==> flow/design.v <==
module core_muxn #(
  parameter DATA_WIDTH = 2
) (
  input  ck,
  input  resetn,
  input  step,
  input  [DATA_WIDTH-1:0] val_0,
  input  [DATA_WIDTH-1:0] val_1,
  input  [DATA_WIDTH-1:0] val_2,
  input  [DATA_WIDTH-1:0] val_3,
  input  [1:0] select,
  output reg [DATA_WIDTH-1:0] q
);
  reg [DATA_WIDTH-1:0] r_val_0;
  reg [DATA_WIDTH-1:0] r_val_1;
  reg [DATA_WIDTH-1:0] r_val_2;
  reg [DATA_WIDTH-1:0] r_val_3;
  reg [1:0] r_select;
  always @(posedge ck) begin
    if (!resetn) begin
      r_val_0 <= 0;
      r_val_1 <= 0;
      r_val_2 <= 0;
      r_val_3 <= 0;
      r_select <= 0;
    end else if (step) begin
      r_val_0 <= val_0;
      r_val_1 <= val_1;
      r_val_2 <= val_2;
      r_val_3 <= val_3;
      r_select <= select;
    end
  end
  reg [DATA_WIDTH-1:0] work;
  always @(*) begin
    if (r_select == 0) work = r_val_0;
    else if (r_select == 1) work = r_val_1;
    else if (r_select == 2) work = r_val_2;
    else work = r_val_3;
  end
  always @(posedge ck) begin
    if (!resetn) begin
      q <= 0;
    end else if (step) begin
      q <= work;
    end
  end
endmodule
### Step by step through the tools: core_muxn

Module core_muxn in several versions that differ in "inputs"; each step lists the members.
The RTL above is that of inputs=4; lines are counted from 1 in the file of the member named.
Operators: Yosys type, input widths -> output width; for muxes data width and select width s.
Cell names lack the library's common part.
The mark - stands for no value.

| design | value |
|---|---|
| design top | core_muxn |
| clock port | ck |
| cell library | sky130hd |
| timing corner | tt_025C_1v80 |

### Source of the members

Lines of each other member's file that are new or changed against the file above; lines that a member lacks are not shown.

Lines new or changed:

| inputs | line | text |
|---|---|---|
| 5 | 11 | `input [DATA_WIDTH-1:0] val_4,` |
| 5 | 12 | `input [2:0] select,` |
| 5 | 19 | `reg [DATA_WIDTH-1:0] r_val_4;` |
| 5 | 20 | `reg [2:0] r_select;` |
| 5 | 27 | `r_val_4 <= 0;` |
| 5 | 34 | `r_val_4 <= val_4;` |
| 5 | 43 | `else if (r_select == 3) work = r_val_3;` |
| 5 | 44 | `else work = r_val_4;` |
| 7 | 11 | `input [DATA_WIDTH-1:0] val_4,` |
| 7 | 12 | `input [DATA_WIDTH-1:0] val_5,` |
| 7 | 13 | `input [DATA_WIDTH-1:0] val_6,` |
| 7 | 14 | `input [2:0] select,` |
| 7 | 21 | `reg [DATA_WIDTH-1:0] r_val_4;` |
| 7 | 22 | `reg [DATA_WIDTH-1:0] r_val_5;` |
| 7 | 23 | `reg [DATA_WIDTH-1:0] r_val_6;` |
| 7 | 24 | `reg [2:0] r_select;` |
| 7 | 31 | `r_val_4 <= 0;` |
| 7 | 32 | `r_val_5 <= 0;` |
| 7 | 33 | `r_val_6 <= 0;` |
| 7 | 40 | `r_val_4 <= val_4;` |
| 7 | 41 | `r_val_5 <= val_5;` |
| 7 | 42 | `r_val_6 <= val_6;` |
| 7 | 51 | `else if (r_select == 3) work = r_val_3;` |
| 7 | 52 | `else if (r_select == 4) work = r_val_4;` |
| 7 | 53 | `else if (r_select == 5) work = r_val_5;` |
| 7 | 54 | `else work = r_val_6;` |
| 8 | 11 | `input [DATA_WIDTH-1:0] val_4,` |
| 8 | 12 | `input [DATA_WIDTH-1:0] val_5,` |
| 8 | 13 | `input [DATA_WIDTH-1:0] val_6,` |
| 8 | 14 | `input [DATA_WIDTH-1:0] val_7,` |
| 8 | 15 | `input [2:0] select,` |
| 8 | 22 | `reg [DATA_WIDTH-1:0] r_val_4;` |
| 8 | 23 | `reg [DATA_WIDTH-1:0] r_val_5;` |
| 8 | 24 | `reg [DATA_WIDTH-1:0] r_val_6;` |
| 8 | 25 | `reg [DATA_WIDTH-1:0] r_val_7;` |
| 8 | 26 | `reg [2:0] r_select;` |
| 8 | 33 | `r_val_4 <= 0;` |
| 8 | 34 | `r_val_5 <= 0;` |
| 8 | 35 | `r_val_6 <= 0;` |
| 8 | 36 | `r_val_7 <= 0;` |
| 8 | 43 | `r_val_4 <= val_4;` |
| 8 | 44 | `r_val_5 <= val_5;` |
| 8 | 45 | `r_val_6 <= val_6;` |
| 8 | 46 | `r_val_7 <= val_7;` |
| 8 | 55 | `else if (r_select == 3) work = r_val_3;` |
| 8 | 56 | `else if (r_select == 4) work = r_val_4;` |
| 8 | 57 | `else if (r_select == 5) work = r_val_5;` |
| 8 | 58 | `else if (r_select == 6) work = r_val_6;` |
| 8 | 59 | `else work = r_val_7;` |
| 16 | 11 | `input [DATA_WIDTH-1:0] val_4,` |
| 16 | 12 | `input [DATA_WIDTH-1:0] val_5,` |
| 16 | 13 | `input [DATA_WIDTH-1:0] val_6,` |
| 16 | 14 | `input [DATA_WIDTH-1:0] val_7,` |
| 16 | 15 | `input [DATA_WIDTH-1:0] val_8,` |
| 16 | 16 | `input [DATA_WIDTH-1:0] val_9,` |
| 16 | 17 | `input [DATA_WIDTH-1:0] val_10,` |
| 16 | 18 | `input [DATA_WIDTH-1:0] val_11,` |
| 16 | 19 | `input [DATA_WIDTH-1:0] val_12,` |
| 16 | 20 | `input [DATA_WIDTH-1:0] val_13,` |
| 16 | 21 | `input [DATA_WIDTH-1:0] val_14,` |
| 16 | 22 | `input [DATA_WIDTH-1:0] val_15,` |
| 16 | 23 | `input [3:0] select,` |
| 16 | 30 | `reg [DATA_WIDTH-1:0] r_val_4;` |
| 16 | 31 | `reg [DATA_WIDTH-1:0] r_val_5;` |
| 16 | 32 | `reg [DATA_WIDTH-1:0] r_val_6;` |
| 16 | 33 | `reg [DATA_WIDTH-1:0] r_val_7;` |
| 16 | 34 | `reg [DATA_WIDTH-1:0] r_val_8;` |
| 16 | 35 | `reg [DATA_WIDTH-1:0] r_val_9;` |
| 16 | 36 | `reg [DATA_WIDTH-1:0] r_val_10;` |
| 16 | 37 | `reg [DATA_WIDTH-1:0] r_val_11;` |
| 16 | 38 | `reg [DATA_WIDTH-1:0] r_val_12;` |
| 16 | 39 | `reg [DATA_WIDTH-1:0] r_val_13;` |
| 16 | 40 | `reg [DATA_WIDTH-1:0] r_val_14;` |
| 16 | 41 | `reg [DATA_WIDTH-1:0] r_val_15;` |
| 16 | 42 | `reg [3:0] r_select;` |
| 16 | 49 | `r_val_4 <= 0;` |
| 16 | 50 | `r_val_5 <= 0;` |
| 16 | 51 | `r_val_6 <= 0;` |
| 16 | 52 | `r_val_7 <= 0;` |
| 16 | 53 | `r_val_8 <= 0;` |
| 16 | 54 | `r_val_9 <= 0;` |
| 16 | 55 | `r_val_10 <= 0;` |
| 16 | 56 | `r_val_11 <= 0;` |
| 16 | 57 | `r_val_12 <= 0;` |
| 16 | 58 | `r_val_13 <= 0;` |
| 16 | 59 | `r_val_14 <= 0;` |
| 16 | 60 | `r_val_15 <= 0;` |
| 16 | 67 | `r_val_4 <= val_4;` |
| 16 | 68 | `r_val_5 <= val_5;` |
| 16 | 69 | `r_val_6 <= val_6;` |
| 16 | 70 | `r_val_7 <= val_7;` |
| 16 | 71 | `r_val_8 <= val_8;` |
| 16 | 72 | `r_val_9 <= val_9;` |
| 16 | 73 | `r_val_10 <= val_10;` |
| 16 | 74 | `r_val_11 <= val_11;` |
| 16 | 75 | `r_val_12 <= val_12;` |
| 16 | 76 | `r_val_13 <= val_13;` |
| 16 | 77 | `r_val_14 <= val_14;` |
| 16 | 78 | `r_val_15 <= val_15;` |
| 16 | 87 | `else if (r_select == 3) work = r_val_3;` |
| 16 | 88 | `else if (r_select == 4) work = r_val_4;` |
| 16 | 89 | `else if (r_select == 5) work = r_val_5;` |
| 16 | 90 | `else if (r_select == 6) work = r_val_6;` |
| 16 | 91 | `else if (r_select == 7) work = r_val_7;` |
| 16 | 92 | `else if (r_select == 8) work = r_val_8;` |
| 16 | 93 | `else if (r_select == 9) work = r_val_9;` |
| 16 | 94 | `else if (r_select == 10) work = r_val_10;` |
| 16 | 95 | `else if (r_select == 11) work = r_val_11;` |
| 16 | 96 | `else if (r_select == 12) work = r_val_12;` |
| 16 | 97 | `else if (r_select == 13) work = r_val_13;` |
| 16 | 98 | `else if (r_select == 14) work = r_val_14;` |
| 16 | 99 | `else work = r_val_15;` |

### Elaborated design

Yosys after proc, flatten, opt, wreduce and memory -nomap, before mapping. Enables and synchronous resets that opt folds into registers are not counted as muxes. Memory bits, and registers merged into a memory's read port (data or address), are not among the register bits. Print and check cells are not counted. Equal cells are merged and count once.

Operators by class:

| inputs | add/sub/neg operators | $mul | divide/modulo/power cells | $lt $le $gt $ge | eq/ne operators | shift operators | muxes and demuxes | bitwise gates (word level) | reduce/logical cells |
|---|---|---|---|---|---|---|---|---|---|
| 4 | 0 | 0 | 0 | 0 | 2 | 0 | 3 | 0 | 1 |
| 5 | 0 | 0 | 0 | 0 | 3 | 0 | 4 | 0 | 1 |
| 7 | 0 | 0 | 0 | 0 | 5 | 0 | 6 | 0 | 1 |
| 8 | 0 | 0 | 0 | 0 | 6 | 0 | 7 | 0 | 1 |
| 16 | 0 | 0 | 0 | 0 | 14 | 0 | 15 | 0 | 1 |

Operators with widths:

| inputs | kinds with counts |
|---|---|
| 4 | $mux 2 (3); $eq 2x1->1 const B (1); $eq 2x2->1 const B (1); $logic_not 2->1 (1) |
| 5 | $mux 2 (4); $eq 3x2->1 const B (2); $eq 3x1->1 const B (1); $logic_not 3->1 (1) |
| 7 | $mux 2 (6); $eq 3x2->1 const B (2); $eq 3x3->1 const B (2); $eq 3x1->1 const B (1); $logic_not 3->1 (1) |
| 8 | $mux 2 (7); $eq 3x3->1 const B (3); $eq 3x2->1 const B (2); $eq 3x1->1 const B (1); $logic_not 3->1 (1) |
| 16 | $mux 2 (15); $eq 4x4->1 const B (7); $eq 4x3->1 const B (4); $eq 4x2->1 const B (2); $eq 4x1->1 const B (1); $logic_not 4->1 (1) |

Word-level totals:

| inputs | register bits | bits in latches | memory bits (writable) | ROM bits | clocked read ports x word width | memory cells | input port bits | output and inout bits | cells after elaboration |
|---|---|---|---|---|---|---|---|---|---|
| 4 | 12 | 0 | 0 | 0 | 0 | 0 | 13 | 2 | 12 |
| 5 | 15 | 0 | 0 | 0 | 0 | 0 | 16 | 2 | 15 |
| 7 | 19 | 0 | 0 | 0 | 0 | 0 | 20 | 2 | 21 |
| 8 | 21 | 0 | 0 | 0 | 0 | 0 | 22 | 2 | 24 |
| 16 | 38 | 0 | 0 | 0 | 0 | 0 | 39 | 2 | 48 |

### Depth

Depth = most cells in a row (Yosys ltp): at word level without a register or memory, in the mapped netlist without a sequential cell, where the memories' decode and read muxes count.

Depth:

| inputs | depth in word-level cells | ABC_AREA | depth in mapped cells | mapped depth without buffers |
|---|---|---|---|---|
| 4 | 4 | 0 | 4 | 2 |
| 5 | 5 | 0 | 6 | 4 |
| 7 | 7 | 0 | 5 | 4 |
| 8 | 8 | 0 | 5 | 4 |
| 16 | 16 | 0 | 7 | 5 |

### Synthesis result

Yosys stat after the flow's synthesis: flattened, memories mapped to cells. It holds for the ABC_AREA given above (unset counts as 0); a run with the other value may have another netlist.
The area totals of this step are shown rounded.

Mapped netlist:

| inputs | cells in the netlist | cell area after synthesis (um^2) | area of sequential cells (um^2) | flip-flops | buffers |
|---|---|---|---|---|---|
| 4 | 46 | 528.0 | 240.2 | 12 | 4 |
| 5 | 66 | 653.1 | 300.3 | 15 | 3 |
| 7 | 91 | 905.9 | 380.4 | 19 | 7 |
| 8 | 97 | 1017 | 420.4 | 21 | 8 |
| 16 | 193 | 1902 | 760.7 | 38 | 15 |

Cells by type:

| inputs | types with counts |
|---|---|
| 4 | dfxtp_1 (12); mux2i_1 (14); nor2b_1 (10); nand3b_1 (3); buf_12 (1); o221ai_1 (2); buf_6 (1); buf_2 (1); nand3_1 (1); clkbuf_1 (1) |
| 5 | dfxtp_1 (15); mux2i_1 (15); nor2_1 (10); nor2b_1 (5); a2111oi_2 (1); o21ai_0 (3); a31oi_1 (2); and3_4 (1); buf_6 (1); inv_1 (3); a32o_1 (1); a21o_1 (1); buf_4 (1); nand2_1 (2); nor4_1 (1); a21oi_1 (1); buf_2 (1); nor3_1 (1); inv_2 (1) |
| 7 | dfxtp_1 (19); mux2i_1 (21); nor2b_1 (18); o22ai_1 (3); a21oi_1 (3); buf_4 (2); nand2_1 (4); nand2b_1 (2); buf_6 (1); nand2_4 (1); buf_2 (2); o21ai_0 (2); a211o_1 (1); a41oi_1 (1); nor2b_2 (1); o2111ai_1 (1); and2b_1 (1); nand3b_1 (1); (+7) |
| 8 | dfxtp_1 (21); mux2i_1 (23); nor2b_1 (20); buf_6 (2); nand3b_1 (3); a41oi_2 (1); a21o_1 (2); buf_2 (3); nor3b_1 (2); a211oi_2 (1); nand2b_1 (2); nor3b_2 (1); nor4_1 (2); o31ai_2 (1); a31o_2 (1); a211oi_1 (1); buf_4 (1); clkbuf_1 (2); (+8) |
| 16 | dfxtp_1 (38); mux2i_1 (42); nor2b_1 (41); a21oi_1 (6); buf_4 (4); buf_2 (5); clkbuf_1 (6); mux2_2 (2); mux4_2 (1); o211ai_1 (3); nand3_1 (4); a31oi_1 (3); nand2_1 (5); nand2b_1 (3); a311oi_1 (2); nand4b_1 (2); o2bb2ai_1 (2); o32ai_1 (2); (+22) |

A list marked (+n) leaves out that many cells.

### Worst setup path after synthesis

Path of least setup slack by OpenSTA after synthesis, without wires, with an ideal clock, recovery checks aside; 20% of the period is set as input and as output delay. Where synthesis merged equal registers, the netlist keeps one of their names.

Timing path post-synthesis:

| inputs | kind | start | end | clock period (ps) | slack (ps) | stages on the path | path delay (ps) | synthesis period reached (ps) |
|---|---|---|---|---|---|---|---|---|
| 4 | register -> register | register r_select[1] | register q[1] | 1080 | 214 | 4 | 866 | 866 |
| 5 | register -> register | register r_select[0] | register q[1] | 1280 | 255 | 6 | 1026 | 1025 |
| 7 | register -> register | register r_select[2] | register q[0] | 1390 | 276 | 6 | 1114 | 1114 |
| 8 | register -> register | register r_select[0] | register q[1] | 1480 | 299 | 5 | 1181 | 1181 |
| 16 | register -> register | register r_select[0] | register q[0] | 1730 | 346 | 6 | 1384 | 1384 |

"path delay" = arrival - input delay + setup time.
"stages on the path": output pins that drive a net of the path, with the launching flip-flop's if there is one; two outputs of one cell count as two.
"synthesis period reached" is the clock period less the worst setup slack; recovery checks do not enter. This is arithmetic on one report: input and output delays are still those of the set period (20% each).
Between the ends stands the longest chain of elaborated cells between them, by number of cells; it is not shown to be the way that was timed. Of several equally long chains one is given.
Each line given opens the expression or statement behind the cell; cells for indexed reads and writes are added by Yosys, which also makes memories of some case tables.

| between the ends, post-synthesis, inputs=4 | value |
|---|---|
| length of the longest elaborated chain | 4 |

RTL lines, path post-synthesis, inputs=4:

| what | line | text |
|---|---|---|
| from (decl) | 18 | `reg [1:0] r_select;` |
| from (assign) | 25 | `r_select <= 0;` |
| from (assign) | 31 | `r_select <= select;` |
| $eq 2x2->1 | 38 | `else if (r_select == 2) work = r_val_2;` |
| $mux 2 | 38 |  |
| $mux 2 | 37 | `else if (r_select == 1) work = r_val_1;` |
| $mux 2 | 36 | `if (r_select == 0) work = r_val_0;` |
| to (assign) | 43 | `q <= 0;` |
| to (assign) | 45 | `q <= work;` |
| to (decl) | 12 | `output reg [DATA_WIDTH-1:0] q` |

| between the ends, post-synthesis, inputs=16 | value |
|---|---|
| length of the longest elaborated chain | 16 |

RTL lines, path post-synthesis, inputs=16:

| what | line | text |
|---|---|---|
| from (decl) | 42 | `reg [3:0] r_select;` |
| from (assign) | 61 | `r_select <= 0;` |
| from (assign) | 79 | `r_select <= select;` |
| $eq 4x4->1 | 98 | `else if (r_select == 14) work = r_val_14;` |
| $mux 2 | 98 |  |
| $mux 2 | 97 | `else if (r_select == 13) work = r_val_13;` |
| $mux 2 | 96 | `else if (r_select == 12) work = r_val_12;` |
| $mux 2 | 95 | `else if (r_select == 11) work = r_val_11;` |
| $mux 2 | 94 | `else if (r_select == 10) work = r_val_10;` |
| $mux 2 | 93 | `else if (r_select == 9) work = r_val_9;` |
| [2 not listed] | - |  |
| $mux 2 | 90 | `else if (r_select == 6) work = r_val_6;` |
| $mux 2 | 89 | `else if (r_select == 5) work = r_val_5;` |
| $mux 2 | 88 | `else if (r_select == 4) work = r_val_4;` |
| $mux 2 | 87 | `else if (r_select == 3) work = r_val_3;` |
| $mux 2 | 86 | `else if (r_select == 2) work = r_val_2;` |
| $mux 2 | 85 | `else if (r_select == 1) work = r_val_1;` |
| $mux 2 | 84 | `if (r_select == 0) work = r_val_0;` |
| to (assign) | 103 | `q <= 0;` |
| to (assign) | 105 | `q <= work;` |
| to (decl) | 24 | `output reg [DATA_WIDTH-1:0] q` |

### Worst path after layout

From the final timing report of the run of each member: the path of least setup slack in the routed layout; clock arrival at registers is part of the times.
The path's times are printed in steps of 10 ps; the period is the one set.

Timing path post-layout:

| inputs | kind | start | end | clock period (ps) | slack (ps) | stages on the path | data arrival time (ps) | buffers on the path |
|---|---|---|---|---|---|---|---|---|
| 4 | register -> register | register r_select[1] | register q[1] | 1080 | 100 | 3 | 1120 | 0 |
| 5 | register -> register | register r_select[0] | register q[0] | 1280 | 100 | 4 | 1350 | 0 |
| 7 | register -> register | register r_select[1] | register q[1] | 1390 | 140 | 6 | 1470 | 1 |
| 8 | register -> register | register r_select[0] | register q[1] | 1480 | 140 | 5 | 1540 | 0 |
| 16 | register -> register | register r_select[0] | register q[1] | 1730 | 130 | 7 | 1760 | 1 |

### Flow runs

One run of the flow (Yosys, OpenROAD) for each member, with settings and measured results. Input and output delays are each 20% of the period that was set; the output load is 0.01 pF.

| flow settings | value |
|---|---|
| CAP_MARGIN | 20 |
| CORE_MARGIN | 2 |
| CORE_UTILIZATION | 40 |
| SLEW_MARGIN | 20 |

Settings that differ:

| inputs | period_ns |
|---|---|
| 4 | 1.08 |
| 5 | 1.28 |
| 7 | 1.39 |
| 8 | 1.48 |
| 16 | 1.73 |

Final reports:

| inputs | chip area after synthesis (Yosys) (um^2) | overall die area (um^2) | standard-cell area of the final layout (um^2) | final design utilization | lowest setup slack (ps) | setup total negative slack (ps) | worst hold slack in the final report (ps) | total design power (mW) | period achieved (ps) |
|---|---|---|---|---|---|---|---|---|---|
| 4 | 528.0 | 1627 | 721.9 | 0.569 | 101 | 0 | 465 | 0.9717 | 979 |
| 5 | 653.1 | 1972 | 880.8 | 0.578 | 102 | 0 | 499 | 0.9394 | 1178 |
| 7 | 905.9 | 2662 | 1202 | 0.554 | 140 | 0 | 500 | 1.081 | 1250 |
| 8 | 1017 | 2963 | 1315 | 0.541 | 140 | 0 | 494 | 1.118 | 1340 |
| 16 | 1902 | 5322 | 2442 | 0.524 | 134 | 0 | 527 | 1.863 | 1596 |

"period achieved" means the clock period less the worst setup slack. The figure is calculated, with input and output delays left at 20% of the set period.
"total design power": no workload was simulated; the value follows from the tool's default switching activity.
The measured numbers are rounded.
